==> flow/design.v <==
module alu_data_mux_p #(
  parameter int XLEN = 10,
  parameter int NIN = 24,
  parameter int LG = $clog2(NIN)
) (
  input  logic clk_i,
  input  logic aresetn,
  input  logic valid,
  input  logic [NIN*XLEN-1:0] ch,
  input  logic [LG-1:0] s,
  output logic [XLEN-1:0] q
);
  always_ff @(posedge clk_i or negedge aresetn) begin
    if (~aresetn) begin
      q <= 0;
    end else if (valid) begin
      q <= ch[s*XLEN +: XLEN];
    end
  end
endmodule
# [From RTL to reports: alu_data_mux_p]
# Tool output for the design above, in the order of the flow.
# Line numbers count from 1 in the design file above.
# Operators: Yosys type, input widths -> output width; for muxes data width and select width s.
# A cell with -- has no value.
[inputs] design="alu_data_mux_p" clock="clk_i" cell_library="sky130hd" lib_corner="tt_025C_1v80"

# [Word-level counts]
# Yosys after proc, flatten, opt, wreduce and memory -nomap, before mapping. Enables and synchronous resets that opt folds into registers are not counted as muxes. Memory bits, and registers merged into a memory's read port (data or address), are not among the register bits. Print and check cells are not counted. Equal cells are merged and count once.
[word_totals] reg_bits=10 in_bits=248 word_cells=3
[classes] n_mul=1 n_shift=1
[ops] op="$shiftx 240x10->10" n=1
[ops] op="$mul 5x3->8 const B" n=1

# [Longest topological paths]
# Longest topological path by Yosys (ltp), each cell counted once; first at word level (registers and memories cut), then after technology mapping (sequential cells cut; the memories' decode and read muxes count).
[depth] ltp_word=2 abc_area=0 ltp_mapped=7 depth_no_buf=4

# [Netlist]
# Yosys stat after the flow's synthesis: flattened, memories mapped to cells. It holds for the ABC_AREA given above (unset counts as 0); a run with the other value may have another netlist.
[by_type] cell_type="sky130_fd_sc_hd__mux2i_1" n=120 type_area_um2=1.2E+03
[by_type] cell_type="sky130_fd_sc_hd__dfrtp_1" n=10 type_area_um2=250.24
[by_type] cell_type="sky130_fd_sc_hd__a22oi_1" n=30 type_area_um2=225.216
[by_type] cell_type="sky130_fd_sc_hd__a41oi_2" n=10 type_area_um2=162.656
[by_type] cell_type="sky130_fd_sc_hd__a21oi_1" n=30 type_area_um2=150.144
[by_type] cell_type="sky130_fd_sc_hd__nand3_1" n=30 type_area_um2=150.144
[by_type] cell_type="sky130_fd_sc_hd__nand2_1" n=30 type_area_um2=112.608
[by_type] cell_type="sky130_fd_sc_hd__buf_12" n=4 type_area_um2=80.077
[by_type] cell_type="sky130_fd_sc_hd__buf_4" n=6 type_area_um2=45.043
[by_type] cell_type="sky130_fd_sc_hd__nor2_1" n=11 type_area_um2=41.29
[by_type] cell_type="sky130_fd_sc_hd__clkbuf_1" n=10 type_area_um2=37.536
[by_type] cell_type="sky130_fd_sc_hd__nor2b_1" n=4 type_area_um2=25.024
[by_type] cell_type="sky130_fd_sc_hd__buf_6" n=2 type_area_um2=22.522
[by_type] cell_type="sky130_fd_sc_hd__buf_2" n=4 type_area_um2=20.019
[by_type] cell_type="sky130_fd_sc_hd__buf_8" n=1 type_area_um2=15.014
[by_type] cell_type="sky130_fd_sc_hd__nand2b_1" n=2 type_area_um2=12.512
[by_type] cell_type="sky130_fd_sc_hd__buf_1" n=3 type_area_um2=11.261
[by_type] cell_type="sky130_fd_sc_hd__and2_4" n=1 type_area_um2=8.758
# Other cell types: 4; their cells: 4.
[mapped] stdcells=312 area_um2=2597.5 seqArea_um2=250.2 ffs=10 buf_cells=31

# [Worst setup path after synthesis]
# Source: OpenSTA report_checks on the synthesized netlist (no wires, ideal clock, input and output delay 20% of the period each), path of least setup slack; recovery checks are left aside. Register names are those of the netlist, which keeps one name where synthesis merged equal registers.
[synth_timing] path_type="input-to-reg" start="input port s[1]" end="register q[0]" period_ns=1.64 input_delay_ns=0.328 arrival_time_ns=1.222 required_ns=1.483 slack_ns=0.261 path_delay_ns=1.051 path_stages=6 synth_period_reached_ns=1.379
# "path_delay_ns" is the arrival time less input delay plus setup time.
# "path_stages" counts driving pins, that of a launching flip-flop among them; a cell with two outputs on the path counts twice.
# "synth_period_reached_ns" is the clock period less the worst setup slack; recovery checks do not enter. This is arithmetic on one report: input and output delays are still those of the set period (20% each).
# Between the ends stands the longest chain of elaborated cells between them, by number of cells; it is not shown to be the way that was timed. Of several equally long chains one is given.
# A line is the first line of the expression or statement that the cell stems from. Yosys adds cells for indexed reads and writes and turns some case tables into memories.
[synth_between] path_cell_list="sky130_fd_sc_hd__buf_2 > sky130_fd_sc_hd__nor2b_1 > sky130_fd_sc_hd__clkbuf_1 > sky130_fd_sc_hd__a22oi_1 > sky130_fd_sc_hd__nand3_1 > sky130_fd_sc_hd__a41oi_2" elab_chain_len=2 cells_between=2 lines_between=1 cone_classes="mul: 1; shift: 1"
[synth_lines] item="start, declared" line_no=10 source="input  logic [LG-1:0] s,"
[synth_lines] item="$mul 5x3->8" line_no=17 source="q <= ch[s*XLEN +: XLEN];"
[synth_lines] item="$shiftx 240x10->10" line_no=17
[synth_lines] item="end, assigned" line_no=15 source="q <= 0;"
[synth_lines] item="end, assigned" line_no=17
[synth_lines] item="end, declared" line_no=11 source="output logic [XLEN-1:0] q"

# [Path in the finished layout]
# Path of least setup slack in the final report of run 1 (OpenROAD, finished layout, wires in). Where an end is a register, its clock arrival counts in the times.
[layout_timing] path_type="input-to-reg" start="input port s[0]" end="register q[9]" period_ns=1.14 input_delay_ns=0.23 arrival_time_ns=1.35 required_ns=1.30 slack_ns=-0.06 path_stages=6
# Between the ends stands the longest chain of elaborated cells between them, by number of cells; it is not shown to be the way that was timed. Of several equally long chains one is given.
[layout_between] path_cell_list="sky130_fd_sc_hd__buf_12 > sky130_fd_sc_hd__bufbuf_16 > sky130_fd_sc_hd__mux2i_1 > sky130_fd_sc_hd__a22oi_1 > sky130_fd_sc_hd__nand3_1 > sky130_fd_sc_hd__a41oi_2" elab_chain_len=2 cells_between=2 lines_between=1 cone_classes="mul: 1; shift: 1"
[layout_lines] item="start, declared" line_no=10 source="input  logic [LG-1:0] s,"
[layout_lines] item="$mul 5x3->8" line_no=17 source="q <= ch[s*XLEN +: XLEN];"
[layout_lines] item="$shiftx 240x10->10" line_no=17
[layout_lines] item="end, assigned" line_no=15 source="q <= 0;"
[layout_lines] item="end, assigned" line_no=17
[layout_lines] item="end, declared" line_no=11 source="output logic [XLEN-1:0] q"

Memo
Re: implementation data of alu_data_mux_p

Below are 3 stored runs of the flow (Yosys, OpenROAD; platform sky130hd) on alu_data_mux_p, each with its settings and what was measured, unordered. Constraints: input delay and output delay 20% of the set period each, output load 0.01 pF.
By "period_less_ws_ns" is meant the clock period of the run minus its worst setup slack. This is arithmetic on one report: input and output delays are still those of the set period (20% each).
"worstPathTime_ns" = time allowed to the worst setup path (clock period - input delay - output delay, where it has them) - its slack; a late launch clock adds to it, a late capture clock takes from it.
"power_total_w": no workload was simulated; the value follows from the tool's default switching activity.

[flow] run 1: files
==> flow/run.sh <==
#!/bin/bash
# the make line also repeats the synthesis and layout settings of config.mk as NAME=value (left out here)
make -C /OpenROAD-flow-scripts/flow DESIGN_CONFIG=/design/flow/config.mk WORK_HOME=/design/flow/orfs CLKGATE_MAP_FILE= finish
==> flow/config.mk <==
export PLATFORM = sky130hd
export DESIGN_NAME = alu_data_mux_p
export DESIGN_NICKNAME = alu_data_mux_p
export VERILOG_FILES = /design/flow/design.v
export SDC_FILE = /design/flow/constraint.sdc
export NUM_CORES = 4
export LEC_CHECK = 0
export CAP_MARGIN = 40
export CELL_PAD_IN_SITES_GLOBAL_PLACEMENT = 3
export CORE_ASPECT_RATIO = 0.62
export CORE_MARGIN = 7
export CORE_UTILIZATION = 23
export CTS_CLUSTER_DIAMETER = 342
export MAX_ROUTING_LAYER = met5
export MIN_ROUTING_LAYER = met2
export PLACE_DENSITY = 0.59
export SETUP_SLACK_MARGIN = 0.23
export SLEW_MARGIN = 20
==> flow/constraint.sdc <==
create_clock -name core_clock -period 1.14 [get_ports {clk_i}]
set_input_delay 0.2280 -clock core_clock [delete_from_list [all_inputs] [get_ports {clk_i}]]
set_output_delay 0.2280 -clock core_clock [all_outputs]
set_load 0.01 [all_outputs]

[flow] run 1: metrics
[metrics] power_total_w = 0.003432
[metrics] ys_area_um2 = 2597.5
[metrics] fin_tns_ns = -0.178
[metrics] worstPathTime_ns = 0.97
[metrics] worst_setup_path_type = input-to-reg
[metrics] design.die.area_um2 = 14550.2
[metrics] final_setup_ws_ns = -0.059
[metrics] period_less_ws_ns = 1.199
[metrics] post_route_util_pct = 56.6

[flow] run 2: files
==> flow/run.sh <==
#!/bin/bash
# the make line also repeats the synthesis and layout settings of config.mk as NAME=value (left out here)
make -C /OpenROAD-flow-scripts/flow DESIGN_CONFIG=/design/flow/config.mk WORK_HOME=/design/flow/orfs CLKGATE_MAP_FILE= finish
==> flow/config.mk <==
export PLATFORM = sky130hd
export DESIGN_NAME = alu_data_mux_p
export DESIGN_NICKNAME = alu_data_mux_p
export VERILOG_FILES = /design/flow/design.v
export SDC_FILE = /design/flow/constraint.sdc
export NUM_CORES = 4
export LEC_CHECK = 0
export CAP_MARGIN = 20
export CORE_MARGIN = 2
export CORE_UTILIZATION = 40
export SLEW_MARGIN = 20
==> flow/constraint.sdc <==
create_clock -name core_clock -period 1.64 [get_ports {clk_i}]
set_input_delay 0.3280 -clock core_clock [delete_from_list [all_inputs] [get_ports {clk_i}]]
set_output_delay 0.3280 -clock core_clock [all_outputs]
set_load 0.01 [all_outputs]

[flow] run 2: metrics
[metrics] design.die.area_um2 = 7154.6
[metrics] power_total_w = 0.001996
[metrics] period_less_ws_ns = 1.570
[metrics] fin_tns_ns = 0.000
[metrics] final_setup_ws_ns = 0.070
[metrics] worstPathTime_ns = 1.24
[metrics] worst_setup_path_type = input-to-reg
[metrics] ys_area_um2 = 2597.5
[metrics] post_route_util_pct = 84.8

[flow] run 3: files
==> flow/run.sh <==
#!/bin/bash
# the make line also repeats the synthesis and layout settings of config.mk as NAME=value (left out here)
make -C /OpenROAD-flow-scripts/flow DESIGN_CONFIG=/design/flow/config.mk WORK_HOME=/design/flow/orfs CLKGATE_MAP_FILE= finish
==> flow/config.mk <==
export PLATFORM = sky130hd
export DESIGN_NAME = alu_data_mux_p
export DESIGN_NICKNAME = alu_data_mux_p
export VERILOG_FILES = /design/flow/design.v
export SDC_FILE = /design/flow/constraint.sdc
export NUM_CORES = 4
export LEC_CHECK = 0
export ABC_AREA = 0
export CAP_MARGIN = 20
export CELL_PAD_IN_SITES_DETAIL_PLACEMENT = 2
export CELL_PAD_IN_SITES_GLOBAL_PLACEMENT = 2
export CORE_MARGIN = 2
export CORE_UTILIZATION = 63
export GPL_ROUTABILITY_DRIVEN = 1
export HOLD_SLACK_MARGIN = 0.23
export MAX_ROUTING_LAYER = met4
export SLEW_MARGIN = 0
==> flow/constraint.sdc <==
create_clock -name core_clock -period 0.824 [get_ports {clk_i}]
set_input_delay 0.1648 -clock core_clock [delete_from_list [all_inputs] [get_ports {clk_i}]]
set_output_delay 0.1648 -clock core_clock [all_outputs]
set_load 0.01 [all_outputs]

[flow] run 3: no final report: placement broke off with GPL-0301
